==> flow/design.v <==
module reg_file_stage (sys_clk, rstn, wen, waddr, din, rsel, q);
    parameter integer D = 40;
    parameter integer DATA_W = 20;
    parameter integer NUM_RD = 2;
    localparam integer ADDR_W = $clog2(D);
    input sys_clk;
    input rstn;
    input wen;
    input [ADDR_W-1:0] waddr;
    input [DATA_W-1:0] din;
    input [NUM_RD*ADDR_W-1:0] rsel;
    output reg [NUM_RD*DATA_W-1:0] q;
    reg wen_s;
    reg [ADDR_W-1:0] waddr_s;
    reg [DATA_W-1:0] din_s;
    reg [D*DATA_W-1:0] rf;
    genvar i;
    generate
        for (i = 0; i < D; i = i + 1) begin : slice
            always @(posedge sys_clk)
                if (wen_s && waddr_s == i) rf[i*DATA_W +: DATA_W] <= din_s;
        end
    endgenerate
    reg [NUM_RD*ADDR_W-1:0] rsel_s;
    reg [NUM_RD*DATA_W-1:0] tmp;
    integer gj;
    integer idx;
    always @* begin
        tmp = 0;
        for (gj = 0; gj < NUM_RD; gj = gj + 1) begin
            for (idx = 0; idx < D; idx = idx + 1)
                tmp[gj*DATA_W +: DATA_W] = tmp[gj*DATA_W +: DATA_W] | (rf[idx*DATA_W +: DATA_W] & {DATA_W{rsel_s[gj*ADDR_W +: ADDR_W] == idx}});
        end
    end
    always @(posedge sys_clk or negedge rstn) begin
        if (!rstn) begin
            wen_s <= 1'b0;
            waddr_s <= 0;
            din_s <= 0;
            rsel_s <= 0;
            q <= 0;
        end else begin
            wen_s <= wen;
            waddr_s <= waddr;
            din_s <= din;
            rsel_s <= rsel;
            q <= tmp;
        end
    end
endmodule
* Step by step through the tools: reg_file_stage *
The steps from the RTL of reg_file_stage to its reports follow in flow order.
Line numbers count from 1 in the design file above.
Operators carry their Yosys type and port widths (W data, S select, Z words).
Library cell names are shortened.
The mark n/a stands for no value.

set-up
  top module = reg_file_stage
  clock port = sys_clk
  standard-cell library = sky130hd
  corner = tt_025C_1v80

* After elaboration *
Yosys after proc, flatten, opt, wreduce and memory -nomap, before mapping. Enables and synchronous resets that opt folds into registers are not counted as muxes. Memory bits, and registers merged into a memory's read port (data or address), are not among the register bits. Print and check cells are not counted. Equal cells are merged and count once.

word-level totals
  bits in registers = 879
  latch bits = 0
  RAM bits = 0
  memory bits (read-only) = 0
  word width x clocked read ports = 0
  memories = 0
  input bits = 41
  output and inout port bits = 40
  cells after elaboration = 363

operators by class
  add/sub/neg operators = 0
  multipliers = 0
  divide/modulo/power cells = 0
  $lt $le $gt $ge = 0
  equal/unequal tests = 117
  shift-type cells = 0
  muxes and demuxes = 0
  bitwise operators = 158
  reductions and logical operators = 43

operators with widths
  cell                  count
  $and A20 B20 Y20      80
  $or A20 B20 Y20       78
  $eq A6 B5 Y1 const B  48
  $eq A6 B4 Y1 const B  24
  $eq A6 B6 Y1 const B  24
  $eq A6 B3 Y1 const B  12
  $logic_and A1 B1 Y1   40
  $eq A6 B2 Y1 const B  6
  $eq A6 B1 Y1 const B  3
  $logic_not A6 Y1      3

* Depth *
Longest topological path by Yosys (ltp), each cell counted once; first at word level (registers and memories cut), then after technology mapping (sequential cells cut; the memories' decode and read muxes count).

logic depth
  depth in word-level cells = 41
  ABC_AREA = 0
  mapped depth = 9
  depth with buffers taken out = 5

* After synthesis *
Source: synth_stat.txt of the flow (Yosys; design flattened, memories mapped). It holds for the ABC_AREA given above (unset counts as 0); a run with the other value may have another netlist.
The area totals of this step are shown rounded.

cell types
  type       count  area in all (um2)
  edfxtp_1   800    2.4E+04
  a22oi_1    319    2.39E+03
  and3_1     344    2.15E+03
  dfrtp_1    79     1.98E+03
  a2111oi_0  104    910.874
  mux2i_1    88     880.845
  nand4_1    95     594.32
  nor2_1     120    450.432
  nand3_1    80     400.384
  clkbuf_1   104    390.374
  buf_2      64     320.307
  or4_1      42     315.302
  a22o_1     34     297.786
  buf_6      21     236.477
  a21oi_1    47     235.226
  nor4_1     35     218.96
  mux2_2     18     202.694
  a221oi_1   23     201.443

Not listed: further types 56, cells in them 348.

mapped netlist
  cell count = 2765
  chip area (Yosys) = 39000 um2
  sequential area = 26000 um2
  flip-flops = 879
  buffers = 216

* Path before layout *
Source: OpenSTA report_checks on the synthesized netlist (no wires, ideal clock, input and output delay 20% of the period each), path of least setup slack; recovery checks are left aside. Register names are those of the netlist, which keeps one name where synthesis merged equal registers.

timing post-synthesis
  kind = register to register
  from = reg waddr_s[5]
  to = reg rf[160]
  period = 4.19 ns
  setup time = 0.422 ns
  launch time at the first pin = 0.000 ns
  arrival time = 2.930 ns
  required time = 3.768 ns
  setup slack = 0.837 ns
  path delay = 3.352 ns
  driving pins on the path = 5
  buffers on the path = 1
  period reached after synthesis = 3.353 ns

"path delay" = arrival - input delay + setup time.
"driving pins on the path" counts driving pins, that of a launching flip-flop among them; a cell with two outputs on the path counts twice.
"period reached after synthesis" = period - worst setup slack (recovery checks aside). The figure is calculated, with input and output delays left at 20% of the set period.
The rows between start and end are the longest chain of elaborated cells between them; the timing report does not say that the signal goes this way. Where chains are equally long, one stands for them.
Each line given opens the expression or statement behind the cell; cells for indexed reads and writes are added by Yosys, which also makes memories of some case tables.

on the way, post-synthesis
  path through = dfrtp_1 > or3b_2 > clkbuf_1 > or3b_2 > nor3_1
  cells in the longest elaborated chain = 2
  elaborated cells between the ends (all ways) = 2
  RTL lines with such cells = 1
  classes of those cells = eq/ne (1); reduce/logical (1)

RTL lines, path post-synthesis
  what                 line  RTL
  from (decl)          14    reg [ADDR_W-1:0] waddr_s;
  from (assign)        38    waddr_s <= 0;
  from (assign)        44    waddr_s <= waddr;
  $eq A6 B4 Y1         21    if (wen_s && waddr_s == i) rf[i*DATA_W +: DATA_W] <= din_s;
  $logic_and A1 B1 Y1  21
  to (assign)          21
  to (decl)            16    reg [D*DATA_W-1:0] rf;

* Worst path after layout *
From the final timing report of stored run 2: the path of least setup slack in the routed layout; clock arrival at registers is part of the times.

timing post-layout
  kind = register to register
  from = reg rsel_s[5]
  to = reg q[12]
  period = 4.19 ns
  setup time = 0.13 ns
  launch time at the first pin = 0.72 ns
  arrival time = 4.56 ns
  required time = 4.77 ns
  setup slack = 0.21 ns
  driving pins on the path = 7
  buffers on the path = 1

The rows between start and end are the longest chain of elaborated cells between them; the timing report does not say that the signal goes this way. Where chains are equally long, one stands for them.

on the way, post-layout
  path through = dfrtp_2 > or4b_1 > nor2_1 > buf_4 > a22o_1 > or4_1 > or4_1
  cells in the longest elaborated chain = 41
  elaborated cells between the ends (all ways) = 119
  RTL lines with such cells = 1
  classes of those cells = eq/ne (39); logic (79); reduce/logical (1)

RTL lines, path post-layout
  what                 line  RTL
  from (decl)          24    reg [NUM_RD*ADDR_W-1:0] rsel_s;
  from (assign)        40    rsel_s <= 0;
  from (assign)        46    rsel_s <= rsel;
  $logic_not A6 Y1     32    tmp[gj*DATA_W +: DATA_W] = tmp[gj*DATA_W +: DATA_W] | (rf[idx*DATA_W +: DATA_W] & {DATA_W{rsel_s[gj*ADDR_W +: ...
  $and A20 B20 Y20     32
  $or A20 B20 Y20 x39  32
  to (assign)          41    q <= 0;
  to (assign)          47    q <= tmp;
  to (decl)            12    output reg [NUM_RD*DATA_W-1:0] q;

Subject: flow runs of reg_file_stage

Hi,

Measured data: module reg_file_stage, platform sky130hd, 2 stored runs of the flow under differing settings, order arbitrary. Input and output delays are each 20% of the period that was set; the output load is 0.01 pF.
"period achieved" means the clock period less the worst setup slack. The figure is calculated, with input and output delays left at 20% of the set period.
"worst path time" = time allowed to the worst setup path (clock period - input delay - output delay, where it has them) - its slack; a late launch clock adds to it, a late capture clock takes from it.
"total power of the final layout": no workload was simulated; the value follows from the tool's default switching activity.
The results are shown rounded.
A setting shown as n/a is not set for that run.
Among the results, n/a means that no value is shown for the run.

name                                    stored run 1  stored run 2
period_ns                               2.47          4.19
CORE_UTILIZATION                        61            40
PLACE_DENSITY_LB_ADDON                  0.17          n/a
HOLD_SLACK_MARGIN                       -0.01         n/a
CORE_ASPECT_RATIO                       1.94          n/a
CORE_MARGIN                             8             2
CELL_PAD_IN_SITES_DETAIL_PLACEMENT      1             n/a
GPL_ROUTABILITY_DRIVEN                  1             n/a
CTS_CLUSTER_DIAMETER                    130           n/a
MIN_ROUTING_LAYER                       met1          n/a
CAP_MARGIN                              20            20
SLEW_MARGIN                             20            20
cell area after synthesis (um2)         n/a           39000
worst path time (ns)                    n/a           3.98
critical path kind                      n/a           register to register
period achieved (ns)                    n/a           3.980
total power of the final layout (mW)    n/a           21
utilization of the finished layout (%)  n/a           49
setup total negative slack (ns)         n/a           0.000
full die area (um2)                     n/a           100000
smallest setup slack (ns)               n/a           0.21
std-cell area (final layout) (um2)      n/a           47000

Stored run 1: did not finish, clock tree synthesis stopped with DPL-0033

Regards
